==> flow/design.v <==
module sync_plus_n #(
    parameter int WD = 16,
    parameter int NIN = 24,
    parameter int SUM_W = WD + $clog2(NIN)
) (
    input  logic CLK,
    input  logic [NIN*WD-1:0] bus,
    output logic [SUM_W-1:0] q
);
    wire [SUM_W-1:0] lvl [1:2*NIN-1];
    generate
        for (genvar i = 0; i < NIN; i++) begin : u_g
            assign lvl[NIN+i] = bus[i*WD +: WD];
        end
        for (genvar i = 1; i < NIN; i++) begin : blk
            assign lvl[i] = lvl[2*i] + lvl[2*i+1];
        end
    endgenerate
    always_ff @(posedge CLK)
        q <= lvl[1];
endmodule
==> Tool chain data of sync_plus_n <==
Tool output for the design above, in the order of the flow.
Line numbers count from 1 in the design file above.
{ "inputs": {"top_module": "sync_plus_n", "clock": "CLK", "lib": "sky130hd", "corner": "tt_025C_1v80"} }

==> Word-level counts <==
Source: Yosys, flattened and elaborated, memories not mapped. Widths are those after wreduce; folded enables and synchronous resets count as part of the registers. Registers that Yosys merges into a memory's read port (data or address) are not register bits. Print and check cells do not count. Equal cells are merged and count once.
{ "word_totals": {"ramBits": 0, "latch_bits": 0, "output_inout_bits": 21, "memories": 0, "clocked_rd_ports_x_width": 0, "wordCells": 24, "input_bits": 385, "mem_bits_ro": 0, "ff_bits": 21} }
{ "op_classes": {"n_eq": 0, "add_sub_neg": 23, "bitwise": 0, "reduce_logical": 0, "mul": 0, "n_div": 0, "shift": 0, "n_cmp": 0, "n_mux": 0} }
{ "op_table": {"columns": ["operator", "n"], "rows": [
  ["21-bit adder", 11],
  ["16-bit by 16-bit adder with 17-bit output", 12]
]} }

==> Longest topological paths <==
Longest topological path by Yosys (ltp), each cell counted once; first at word level (registers and memories cut), then after technology mapping (sequential cells cut; the memories' decode and read muxes count).
{ "logic_depth": {"word_depth": 5, "ABC_AREA": 0, "ltp_mapped": 26, "mapped_depth_nobuf": 26} }

==> Mapped cells and area <==
Yosys stat after the flow's synthesis: flattened, memories mapped to cells. It holds for the ABC_AREA given above (unset counts as 0); a run with the other value may have another netlist.
Totals and module areas in this step are rounded.
{ "mapped": {"ffs": 21, "stdcells": 1585, "yosys_area_um2": 13570, "buf_cells": 4} }
{ "types": {"columns": ["cell_type", "n", "area_total_um2"], "rows": [
  ["sky130_fd_sc_hd__fa_1", 179, 3.58E+03],
  ["sky130_fd_sc_hd__ha_1", 218, 2.73E+03],
  ["sky130_fd_sc_hd__inv_1", 230, 863.328],
  ["sky130_fd_sc_hd__xnor2_1", 95, 832.048],
  ["sky130_fd_sc_hd__a21oi_1", 129, 645.619],
  ["sky130_fd_sc_hd__xor2_1", 62, 543.021],
  ["sky130_fd_sc_hd__a21o_1", 61, 457.939],
  ["sky130_fd_sc_hd__dfxtp_1", 21, 420.403],
  ["sky130_fd_sc_hd__nor2_1", 108, 405.389],
  ["sky130_fd_sc_hd__o21ai_0", 72, 360.346],
  ["sky130_fd_sc_hd__o21a_1", 30, 225.216],
  ["sky130_fd_sc_hd__nand2_1", 58, 217.709],
  ["sky130_fd_sc_hd__nor2b_1", 29, 181.424],
  ["sky130_fd_sc_hd__nor3_1", 34, 170.163],
  ["sky130_fd_sc_hd__nand2b_1", 26, 162.656],
  ["sky130_fd_sc_hd__o21bai_1", 17, 127.622],
  ["sky130_fd_sc_hd__nand3_1", 23, 115.11],
  ["sky130_fd_sc_hd__a211oi_1", 15, 112.608]
]} }
Other cell types: 51; their cells: 178.

==> Worst setup path after synthesis <==
Source: OpenSTA report_checks on the synthesized netlist (no wires, ideal clock, input and output delay 20% of the period each), path of least setup slack; recovery checks are left aside. Register names are those of the netlist, which keeps one name where synthesis merged equal registers.
{ "synth_path": {"path_type": "input port to flip-flop", "startpoint": "input port bus[224]", "endpoint": "register q[17]", "arrival_time_ns": 7.871, "path_delay_ns": 6.094, "t_required_ns": 9.393, "slack_ns": 1.522, "period_ns": 9.52, "t_first_pin_ns": 1.904, "setup_ns": 0.127, "driving_pins": 26, "synth_period_reached_ns": 7.998} }
"path_delay_ns" is the arrival time less input delay plus setup time.
"driving_pins": output pins that drive a net of the path, with the launching flip-flop's if there is one; two outputs of one cell count as two.
"synth_period_reached_ns" = period - worst setup slack (recovery checks aside). The figure is calculated, with input and output delays left at 20% of the set period.
The rows between start and end are the longest chain of elaborated cells between them; the timing report does not say that the signal goes this way. Where chains are equally long, one stands for them.
Each line given opens the expression or statement behind the cell; cells for indexed reads and writes are added by Yosys, which also makes memories of some case tables.
{ "synth_between": {"cell_sequence": "sky130_fd_sc_hd__ha_1 sky130_fd_sc_hd__inv_1 sky130_fd_sc_hd__fa_1 sky130_fd_sc_hd__nor2b_1 sky130_fd_sc_hd__o21ai_0 sky130_fd_sc_hd__a21boi_0 sky130_fd_sc_hd__o31ai_1 sky130_fd_sc_hd__a211oi_1 sky130_fd_sc_hd__nor4_1 sky130_fd_sc_hd__a311oi_1 sky130_fd_sc_hd__fa_1 sky130_fd_sc_hd__fa_1 sky130_fd_sc_hd__inv_1 sky130_fd_sc_hd__fa_1 sky130_fd_sc_hd__fa_1 sky130_fd_sc_hd__inv_1 sky130_fd_sc_hd__fa_1 sky130_fd_sc_hd__inv_1 sky130_fd_sc_hd__ha_1 sky130_fd_sc_hd__a21o_1 sky130_fd_sc_hd__a21o_1 sky130_fd_sc_hd__a21oi_1 sky130_fd_sc_hd__o21ai_2 sky130_fd_sc_hd__a211oi_2 sky130_fd_sc_hd__nor4b_1 sky130_fd_sc_hd__or3_1", "elab_chain_len": 5, "cells_between": 5, "cone_lines": 1} }
{ "synth_lines": {"columns": ["item", "line_no", "source"], "rows": [
  ["start: declaration", 7, "input  logic [NIN*WD-1:0] bus,"],
  ["16-bit by 16-bit adder with 17-bit output", 16, "assign lvl[i] = lvl[2*i] + lvl[2*i+1];"],
  ["21-bit adder x4", 16, null],
  ["end: assignment", 20, "q <= lvl[1];"],
  ["end: declaration", 8, "output logic [SUM_W-1:0] q"]
]} }

==> Timing after layout <==
Path of least setup slack in the final report of flow run 1 (OpenROAD, finished layout, wires in). Where an end is a register, its clock arrival counts in the times.
{ "layout_path": {"path_type": "input port to flip-flop", "startpoint": "input port bus[192]", "endpoint": "register q[17]", "t_required_ns": 9.67, "arrival_time_ns": 8.85, "driving_pins": 25, "slack_ns": 0.82, "period_ns": 9.52, "setup_ns": 0.11, "t_first_pin_ns": 1.90} }
The rows between start and end are the longest chain of elaborated cells between them; the timing report does not say that the signal goes this way. Where chains are equally long, one stands for them.
{ "layout_between": {"cell_sequence": "sky130_fd_sc_hd__clkdlybuf4s50_1 sky130_fd_sc_hd__ha_1 sky130_fd_sc_hd__inv_1 sky130_fd_sc_hd__fa_1 sky130_fd_sc_hd__nor2b_1 sky130_fd_sc_hd__o21ai_0 sky130_fd_sc_hd__a21boi_0 sky130_fd_sc_hd__o211a_1 sky130_fd_sc_hd__o21ai_0 sky130_fd_sc_hd__nor4b_1 sky130_fd_sc_hd__a2111oi_0 sky130_fd_sc_hd__fa_1 sky130_fd_sc_hd__fa_1 sky130_fd_sc_hd__inv_1 sky130_fd_sc_hd__fa_1 sky130_fd_sc_hd__fa_1 sky130_fd_sc_hd__inv_1 sky130_fd_sc_hd__fa_1 sky130_fd_sc_hd__inv_1 sky130_fd_sc_hd__ha_1 sky130_fd_sc_hd__nand4_1 sky130_fd_sc_hd__o21ai_2 sky130_fd_sc_hd__a211oi_2 sky130_fd_sc_hd__o211a_1 sky130_fd_sc_hd__or3_1", "elab_chain_len": 5, "cells_between": 5, "cone_lines": 1} }
{ "layout_lines": {"columns": ["item", "line_no", "source"], "rows": [
  ["start: declaration", 7, "input  logic [NIN*WD-1:0] bus,"],
  ["16-bit by 16-bit adder with 17-bit output", 16, "assign lvl[i] = lvl[2*i] + lvl[2*i+1];"],
  ["21-bit adder x4", 16, null],
  ["end: assignment", 20, "q <= lvl[1];"],
  ["end: declaration", 8, "output logic [SUM_W-1:0] q"]
]} }

--- measured runs ---
Record of 3 stored runs of the RTL-to-layout flow on sync_plus_n, platform sky130hd. The runs are unordered. Constraints: input delay and output delay 20% of the set period each, output load 0.01 pF.
"timing.achieved_period_ns": clock period set for the run, less the worst setup slack. It is reckoned from that one timing run; input and output delays stay at 20% of the period that was set.
By "critical_path_time_ns" is meant the share of the clock period that the worst setup path is allowed (20% is reserved at inputs, 20% at outputs), minus its slack. Clock arrival times at its registers enter into it.
The measured numbers are rounded.

Flow run 1
==> flow/run.sh <==
#!/bin/bash
# the make line also repeats the synthesis and layout settings of config.mk as NAME=value (left out here)
make -C /OpenROAD-flow-scripts/flow DESIGN_CONFIG=/design/flow/config.mk WORK_HOME=/design/flow/orfs CLKGATE_MAP_FILE= finish
==> flow/config.mk <==
export PLATFORM = sky130hd
export DESIGN_NAME = sync_plus_n
export DESIGN_NICKNAME = sync_plus_n
export VERILOG_FILES = /design/flow/design.v
export SDC_FILE = /design/flow/constraint.sdc
export NUM_CORES = 4
export LEC_CHECK = 0
export CAP_MARGIN = 20
export CORE_MARGIN = 2
export CORE_UTILIZATION = 40
export SLEW_MARGIN = 20
==> flow/constraint.sdc <==
create_clock -name core_clock -period 9.52 [get_ports {CLK}]
set_input_delay 1.9040 -clock core_clock [delete_from_list [all_inputs] [get_ports {CLK}]]
set_output_delay 1.9040 -clock core_clock [all_outputs]
set_load 0.01 [all_outputs]

==> results of flow run 1, as JSON <==
{
  "ys_area_um2": 13570,
  "die_footprint_um2": 35420,
  "final_stdcell_area_um2": 18280,
  "post_route_util_pct": 54.6,
  "timing.setup.ws_ns": 0.818,
  "timing.hold.ws_ns": 2.858,
  "timing.achieved_period_ns": 8.702,
  "critical_path_time_ns": 6.80,
  "timing.worst_path_kind": "input port to flip-flop"
}

Flow run 2
==> flow/run.sh <==
#!/bin/bash
# the make line also repeats the synthesis and layout settings of config.mk as NAME=value (left out here)
make -C /OpenROAD-flow-scripts/flow DESIGN_CONFIG=/design/flow/config.mk WORK_HOME=/design/flow/orfs CLKGATE_MAP_FILE= finish
==> flow/config.mk <==
export PLATFORM = sky130hd
export DESIGN_NAME = sync_plus_n
export DESIGN_NICKNAME = sync_plus_n
export VERILOG_FILES = /design/flow/design.v
export SDC_FILE = /design/flow/constraint.sdc
export NUM_CORES = 4
export LEC_CHECK = 0
export CAP_MARGIN = 20
export CELL_PAD_IN_SITES_DETAIL_PLACEMENT = 2
export CORE_ASPECT_RATIO = 0.8
export CORE_MARGIN = 7
export CORE_UTILIZATION = 65
export SLEW_MARGIN = 20
==> flow/constraint.sdc <==
create_clock -name core_clock -period 10.3 [get_ports {CLK}]
set_input_delay 2.0600 -clock core_clock [delete_from_list [all_inputs] [get_ports {CLK}]]
set_output_delay 2.0600 -clock core_clock [all_outputs]
set_load 0.01 [all_outputs]

==> results of flow run 2, as JSON <==
{
  "outcome": "stopped before the end: placement reported a tool error"
}

Flow run 3
==> flow/run.sh <==
#!/bin/bash
# the make line also repeats the synthesis and layout settings of config.mk as NAME=value (left out here)
make -C /OpenROAD-flow-scripts/flow DESIGN_CONFIG=/design/flow/config.mk WORK_HOME=/design/flow/orfs CLKGATE_MAP_FILE= finish
==> flow/config.mk <==
export PLATFORM = sky130hd
export DESIGN_NAME = sync_plus_n
export DESIGN_NICKNAME = sync_plus_n
export VERILOG_FILES = /design/flow/design.v
export SDC_FILE = /design/flow/constraint.sdc
export NUM_CORES = 4
export LEC_CHECK = 0
export CAP_MARGIN = 20
export CELL_PAD_IN_SITES_GLOBAL_PLACEMENT = 3
export CORE_MARGIN = 2
export CORE_UTILIZATION = 57
export GPL_ROUTABILITY_DRIVEN = 1
export MIN_ROUTING_LAYER = met1
export PLACE_DENSITY_LB_ADDON = 0.28
export SLEW_MARGIN = 15
==> flow/constraint.sdc <==
create_clock -name core_clock -period 5.6 [get_ports {CLK}]
set_input_delay 1.1200 -clock core_clock [delete_from_list [all_inputs] [get_ports {CLK}]]
set_output_delay 1.1200 -clock core_clock [all_outputs]
set_load 0.01 [all_outputs]

==> results of flow run 3, as JSON <==
{
  "outcome": "stopped before the end: placement reported FLW-0024"
}
--- end ---
